==> flow/design.v <==
module core_plus_blk #(
  parameter integer WIDTH = 8,
  parameter integer COUNT = 4,
  parameter integer OW = WIDTH + $clog2(COUNT)
) (
  input  wire clk,
  input  wire nrst,
  input  wire enable,
  input  wire [COUNT*WIDTH-1:0] src,
  output wire [OW-1:0] s
);
  reg [COUNT*WIDTH-1:0] r_src;
  always @(posedge clk or negedge nrst) begin
    if (!nrst) begin
      r_src <= 0;
    end else if (enable) begin
      r_src <= src;
    end
  end
  wire [OW-1:0] n_ [1:2*COUNT-1];
  genvar k;
  generate
    for (k = 0; k < COUNT; k = k + 1) begin : u_g
      assign n_[COUNT+k] = r_src[k*WIDTH +: WIDTH];
    end
    for (k = 1; k < COUNT; k = k + 1) begin : slice
      assign n_[k] = n_[2*k] + n_[2*k+1];
    end
  endgenerate
  assign s = n_[1];
endmodule
Wiki page: core_plus_blk / tool data

* Reports on core_plus_blk
Tool output for the members of one design family, told apart by "WIDTH", in the order of the flow. The file above is the member WIDTH = 8. Line numbers count from 1 in each member's own file. The mark -- stands for no value.
Inputs: top module core_plus_blk, clock input clk, library sky130hd, corner tt_025C_1v80

* Members of the sweep
Lines of each other member's file that are new or changed against the file above; lines that a member lacks are not shown.
Lines new or changed:
- WIDTH 10 | line 2 | parameter integer WIDTH = 10,
- WIDTH 24 | line 2 | parameter integer WIDTH = 24,
- WIDTH 32 | line 2 | parameter integer WIDTH = 32,
- WIDTH 36 | line 2 | parameter integer WIDTH = 36,

* Word-level counts
Counts by Yosys on the flattened word-level netlist (proc, flatten, opt, wreduce). Print and check cells are left out. Cells with the same type and inputs are merged into one.
Storage and ports:
- WIDTH 8 | output and inout port bits 10, register bits 32
- WIDTH 10 | output and inout port bits 12, register bits 40
- WIDTH 24 | output and inout port bits 26, register bits 96
- WIDTH 32 | output and inout port bits 34, register bits 128
- WIDTH 36 | output and inout port bits 38, register bits 144
Cells by class (add/subtract/negate cells):
- WIDTH 8 | 3
- WIDTH 10 | 3
- WIDTH 24 | 3
- WIDTH 32 | 3
- WIDTH 36 | 3
Operators by type and width (kind and count):
- WIDTH 8 | 2 x adder 8 x 8 -> 9 bit; 1 x adder 10 bit
- WIDTH 10 | 2 x adder 10 x 10 -> 11 bit; 1 x adder 12 bit
- WIDTH 24 | 2 x adder 24 x 24 -> 25 bit; 1 x adder 26 bit
- WIDTH 32 | 2 x adder 32 x 32 -> 33 bit; 1 x adder 34 bit
- WIDTH 36 | 2 x adder 36 x 36 -> 37 bit; 1 x adder 38 bit

* Logic depth
Depth = most cells in a row (Yosys ltp): at word level without a register or memory, in the mapped netlist without a sequential cell, where the memories' decode and read muxes count.
Depth:
- WIDTH 8 | word-level depth 2, ABC_AREA 0, mapped depth 14, gate-level depth less buffers 14
- WIDTH 10 | word-level depth 2, ABC_AREA 0, mapped depth 12, gate-level depth less buffers 11
- WIDTH 24 | word-level depth 2, ABC_AREA 0, mapped depth 19, gate-level depth less buffers 18
- WIDTH 32 | word-level depth 2, ABC_AREA 0, mapped depth 23, gate-level depth less buffers 22
- WIDTH 36 | word-level depth 2, ABC_AREA 0, mapped depth 22, gate-level depth less buffers 22

* Netlist
Yosys stat after the flow's synthesis: flattened, memories mapped to cells. It holds for the ABC_AREA given above (unset counts as 0); a run with the other value may have another netlist. Totals and module areas in this step are rounded.
Cell types (type and count):
- WIDTH 8 | 32 x sky130_fd_sc_hd__dfrtp_1; 30 x sky130_fd_sc_hd__mux2_2; 25 x sky130_fd_sc_hd__ha_1; 13 x sky130_fd_sc_hd__xnor2_1; 3 x sky130_fd_sc_hd__fa_1; 11 x sky130_fd_sc_hd__o21ai_0; 10 x sky130_fd_sc_hd__a21oi_1; 12 x sky130_fd_sc_hd__inv_1; 5 x sky130_fd_sc_hd__a21o_1; 4 x sky130_fd_sc_hd__xor2_1; 5 x sky130_fd_sc_hd__nor2b_1; 7 x sky130_fd_sc_hd__nand2_1; 7 x sky130_fd_sc_hd__nor2_1; 2 x sky130_fd_sc_hd__a221o_1; 3 x sky130_fd_sc_hd__a31oi_1; 1 x sky130_fd_sc_hd__a221oi_2; 3 x sky130_fd_sc_hd__buf_2; 1 x sky130_fd_sc_hd__a211oi_2; [+17]
- WIDTH 10 | 40 x sky130_fd_sc_hd__dfrtp_1; 40 x sky130_fd_sc_hd__mux2_2; 31 x sky130_fd_sc_hd__ha_1; 14 x sky130_fd_sc_hd__xnor2_1; 11 x sky130_fd_sc_hd__a21o_1; 13 x sky130_fd_sc_hd__a21oi_1; 3 x sky130_fd_sc_hd__fa_1; 6 x sky130_fd_sc_hd__xor2_1; 13 x sky130_fd_sc_hd__nor2_1; 12 x sky130_fd_sc_hd__inv_1; 6 x sky130_fd_sc_hd__o211ai_1; 8 x sky130_fd_sc_hd__o21ai_0; 5 x sky130_fd_sc_hd__a211oi_1; 4 x sky130_fd_sc_hd__o2111ai_1; 8 x sky130_fd_sc_hd__nand2_1; 6 x sky130_fd_sc_hd__nand3_1; 5 x sky130_fd_sc_hd__buf_2; 4 x sky130_fd_sc_hd__nand2b_1; [+42]
- WIDTH 24 | 96 x sky130_fd_sc_hd__dfrtp_1; 92 x sky130_fd_sc_hd__mux2_2; 73 x sky130_fd_sc_hd__ha_1; 39 x sky130_fd_sc_hd__xnor2_1; 65 x sky130_fd_sc_hd__a21oi_1; 34 x sky130_fd_sc_hd__a21o_1; 22 x sky130_fd_sc_hd__xor2_1; 36 x sky130_fd_sc_hd__o21ai_0; 44 x sky130_fd_sc_hd__nand2_1; 33 x sky130_fd_sc_hd__nor2_1; 24 x sky130_fd_sc_hd__clkbuf_1; 21 x sky130_fd_sc_hd__inv_1; 10 x sky130_fd_sc_hd__a211oi_1; 15 x sky130_fd_sc_hd__nand3_1; 10 x sky130_fd_sc_hd__nor2b_1; 3 x sky130_fd_sc_hd__fa_1; 9 x sky130_fd_sc_hd__a31oi_1; 9 x sky130_fd_sc_hd__nand2b_1; [+108]
- WIDTH 32 | 128 x sky130_fd_sc_hd__dfrtp_1; 124 x sky130_fd_sc_hd__mux2_2; 97 x sky130_fd_sc_hd__ha_1; 62 x sky130_fd_sc_hd__xnor2_1; 67 x sky130_fd_sc_hd__a21o_1; 74 x sky130_fd_sc_hd__a21oi_1; 27 x sky130_fd_sc_hd__xor2_1; 51 x sky130_fd_sc_hd__nand2_1; 41 x sky130_fd_sc_hd__nor2_1; 27 x sky130_fd_sc_hd__o21ai_0; 15 x sky130_fd_sc_hd__o21bai_1; 29 x sky130_fd_sc_hd__inv_1; 28 x sky130_fd_sc_hd__clkbuf_1; 20 x sky130_fd_sc_hd__o21ai_1; 14 x sky130_fd_sc_hd__nand4_1; 13 x sky130_fd_sc_hd__nor2b_1; 15 x sky130_fd_sc_hd__nand3_1; 10 x sky130_fd_sc_hd__o21a_1; [+102]
- WIDTH 36 | 144 x sky130_fd_sc_hd__dfrtp_1; 140 x sky130_fd_sc_hd__mux2_2; 109 x sky130_fd_sc_hd__ha_1; 61 x sky130_fd_sc_hd__xnor2_1; 64 x sky130_fd_sc_hd__a21o_1; 86 x sky130_fd_sc_hd__a21oi_1; 54 x sky130_fd_sc_hd__o21ai_0; 30 x sky130_fd_sc_hd__xor2_1; 59 x sky130_fd_sc_hd__nand2_1; 57 x sky130_fd_sc_hd__nor2_1; 22 x sky130_fd_sc_hd__a31oi_1; 35 x sky130_fd_sc_hd__inv_1; 33 x sky130_fd_sc_hd__clkbuf_1; 21 x sky130_fd_sc_hd__nand3_1; 14 x sky130_fd_sc_hd__o21a_1; 13 x sky130_fd_sc_hd__o21bai_1; 15 x sky130_fd_sc_hd__nand4_1; 11 x sky130_fd_sc_hd__o211ai_1; [+144]
The mark [+n] counts cells that are not listed.
Synthesis totals:
- WIDTH 8 | sequential area 800 um2, mapped flip-flops 32, synthesis area 2100 um2, buffer cells 4, mapped cells 191
- WIDTH 10 | sequential area 1000 um2, mapped flip-flops 40, synthesis area 2900 um2, buffer cells 7, mapped cells 271
- WIDTH 24 | sequential area 2400 um2, mapped flip-flops 96, synthesis area 7300 um2, buffer cells 27, mapped cells 743
- WIDTH 32 | sequential area 3200 um2, mapped flip-flops 128, synthesis area 9600 um2, buffer cells 32, mapped cells 944
- WIDTH 36 | sequential area 3600 um2, mapped flip-flops 144, synthesis area 11000 um2, buffer cells 37, mapped cells 1112

* Timing after synthesis
Path of least setup slack by OpenSTA after synthesis, without wires, with an ideal clock, recovery checks aside; 20% of the period is set as input and as output delay. Where synthesis merged equal registers, the netlist keeps one of their names.
Timing post-synthesis:
- WIDTH 8 | kind reg2out, from register r_src[0], to output s[8], stages on the path 12, period 4.33 ns, delay of the path 2.772 ns, path slack 0.692 ns, synthesis period reached 3.638 ns
- WIDTH 10 | kind reg2out, from register r_src[20], to output s[11], stages on the path 13, period 4.28 ns, delay of the path 2.737 ns, path slack 0.687 ns, synthesis period reached 3.593 ns
- WIDTH 24 | kind reg2out, from register r_src[48], to output s[23], stages on the path 20, period 5.88 ns, delay of the path 3.765 ns, path slack 0.939 ns, synthesis period reached 4.941 ns
- WIDTH 32 | kind reg2out, from register r_src[0], to output s[33], stages on the path 24, period 6.47 ns, delay of the path 4.142 ns, path slack 1.034 ns, synthesis period reached 5.436 ns
- WIDTH 36 | kind reg2out, from register r_src[73], to output s[36], stages on the path 21, period 6.55 ns, delay of the path 4.195 ns, path slack 1.045 ns, synthesis period reached 5.505 ns
"delay of the path" = arrival - input delay + setup time. At an output port there is no setup time. "stages on the path" counts driving pins, that of a launching flip-flop among them; a cell with two outputs on the path counts twice. "synthesis period reached" = period - worst setup slack (recovery checks aside). The figure is calculated, with input and output delays left at 20% of the set period. Between the ends stands the longest chain of elaborated cells between them, by number of cells; it is not shown to be the way that was timed. Of several equally long chains one is given. Each line given opens the expression or statement behind the cell; cells for indexed reads and writes are added by Yosys, which also makes memories of some case tables.
Between the ends, post-synthesis, WIDTH = 8: cells in the longest elaborated chain 2
RTL lines, path post-synthesis, WIDTH = 8:
- start, declared | line 12 | reg [COUNT*WIDTH-1:0] r_src;
- start, assigned | line 15 | r_src <= 0;
- start, assigned | line 17 | r_src <= src;
- adder 8 x 8 -> 9 bit | line 27 | assign n_[k] = n_[2*k] + n_[2*k+1];
- adder 10 bit | line 27
- end, declared | line 10 | output wire [OW-1:0] s
Between the ends, post-synthesis, WIDTH = 36: cells in the longest elaborated chain 2
RTL lines, path post-synthesis, WIDTH = 36:
- start, declared | line 12 | reg [COUNT*WIDTH-1:0] r_src;
- start, assigned | line 15 | r_src <= 0;
- start, assigned | line 17 | r_src <= src;
- adder 36 x 36 -> 37 bit | line 27 | assign n_[k] = n_[2*k] + n_[2*k+1];
- adder 38 bit | line 27
- end, declared | line 10 | output wire [OW-1:0] s

* Worst path after layout
Path of least setup slack in the final report of each member's run (OpenROAD, finished layout, wires in). Where an end is a register, its clock arrival counts in the times.
Timing after layout:
- WIDTH 8 | kind reg2out, from register r_src[0], to output s[6], period 4.33 ns, data arrival time 3.30 ns, stages on the path 15, path slack 0.17 ns
- WIDTH 10 | kind reg2out, from register r_src[30], to output s[10], period 4.28 ns, data arrival time 3.26 ns, stages on the path 14, path slack 0.16 ns
- WIDTH 24 | kind reg2out, from register r_src[1], to output s[20], period 5.88 ns, data arrival time 4.53 ns, stages on the path 18, path slack 0.17 ns
- WIDTH 32 | kind reg2out, from register r_src[1], to output s[27], period 6.47 ns, data arrival time 4.93 ns, stages on the path 17, path slack 0.25 ns
- WIDTH 36 | kind reg2out, from register r_src[1], to output s[19], period 6.55 ns, data arrival time 4.99 ns, stages on the path 21, path slack 0.25 ns

* Flow runs
Settings and results of one run of the flow (Yosys, OpenROAD) for each member follow. The constraints put input and output delay at 20% of the set period each and load the outputs with 0.01 pF.
Settings: CAP_MARGIN 20, CORE_MARGIN 2, CORE_UTILIZATION 40, SLEW_MARGIN 20
Settings that differ (period_ns):
- WIDTH 8 | 4.33
- WIDTH 10 | 4.28
- WIDTH 24 | 5.88
- WIDTH 32 | 6.47
- WIDTH 36 | 6.55
Final reports:
- WIDTH 8 | total die area 5900 um2, netlist area reported by Yosys 2100 um2, total power of the final layout 1.5 mW, worst hold slack after layout 0.51 ns, setup total negative slack 0.000 ns, worst setup slack after layout 0.17 ns, final design utilization 54%
- WIDTH 10 | total die area 7900 um2, netlist area reported by Yosys 2900 um2, total power of the final layout 2.1 mW, worst hold slack after layout 0.51 ns, setup total negative slack 0.000 ns, worst setup slack after layout 0.16 ns, final design utilization 52%
- WIDTH 24 | total die area 19000 um2, netlist area reported by Yosys 7300 um2, total power of the final layout 4.4 mW, worst hold slack after layout 0.51 ns, setup total negative slack 0.000 ns, worst setup slack after layout 0.17 ns, final design utilization 52%
- WIDTH 32 | total die area 25000 um2, netlist area reported by Yosys 9600 um2, total power of the final layout 5.4 mW, worst hold slack after layout 0.51 ns, setup total negative slack 0.000 ns, worst setup slack after layout 0.25 ns, final design utilization 53%
- WIDTH 36 | total die area 29000 um2, netlist area reported by Yosys 11000 um2, total power of the final layout 6.0 mW, worst hold slack after layout 0.51 ns, setup total negative slack 0.000 ns, worst setup slack after layout 0.25 ns, final design utilization 52%
"total power of the final layout" is the tool's figure for a default switching activity; nothing was simulated. Values from the reports are rounded here.
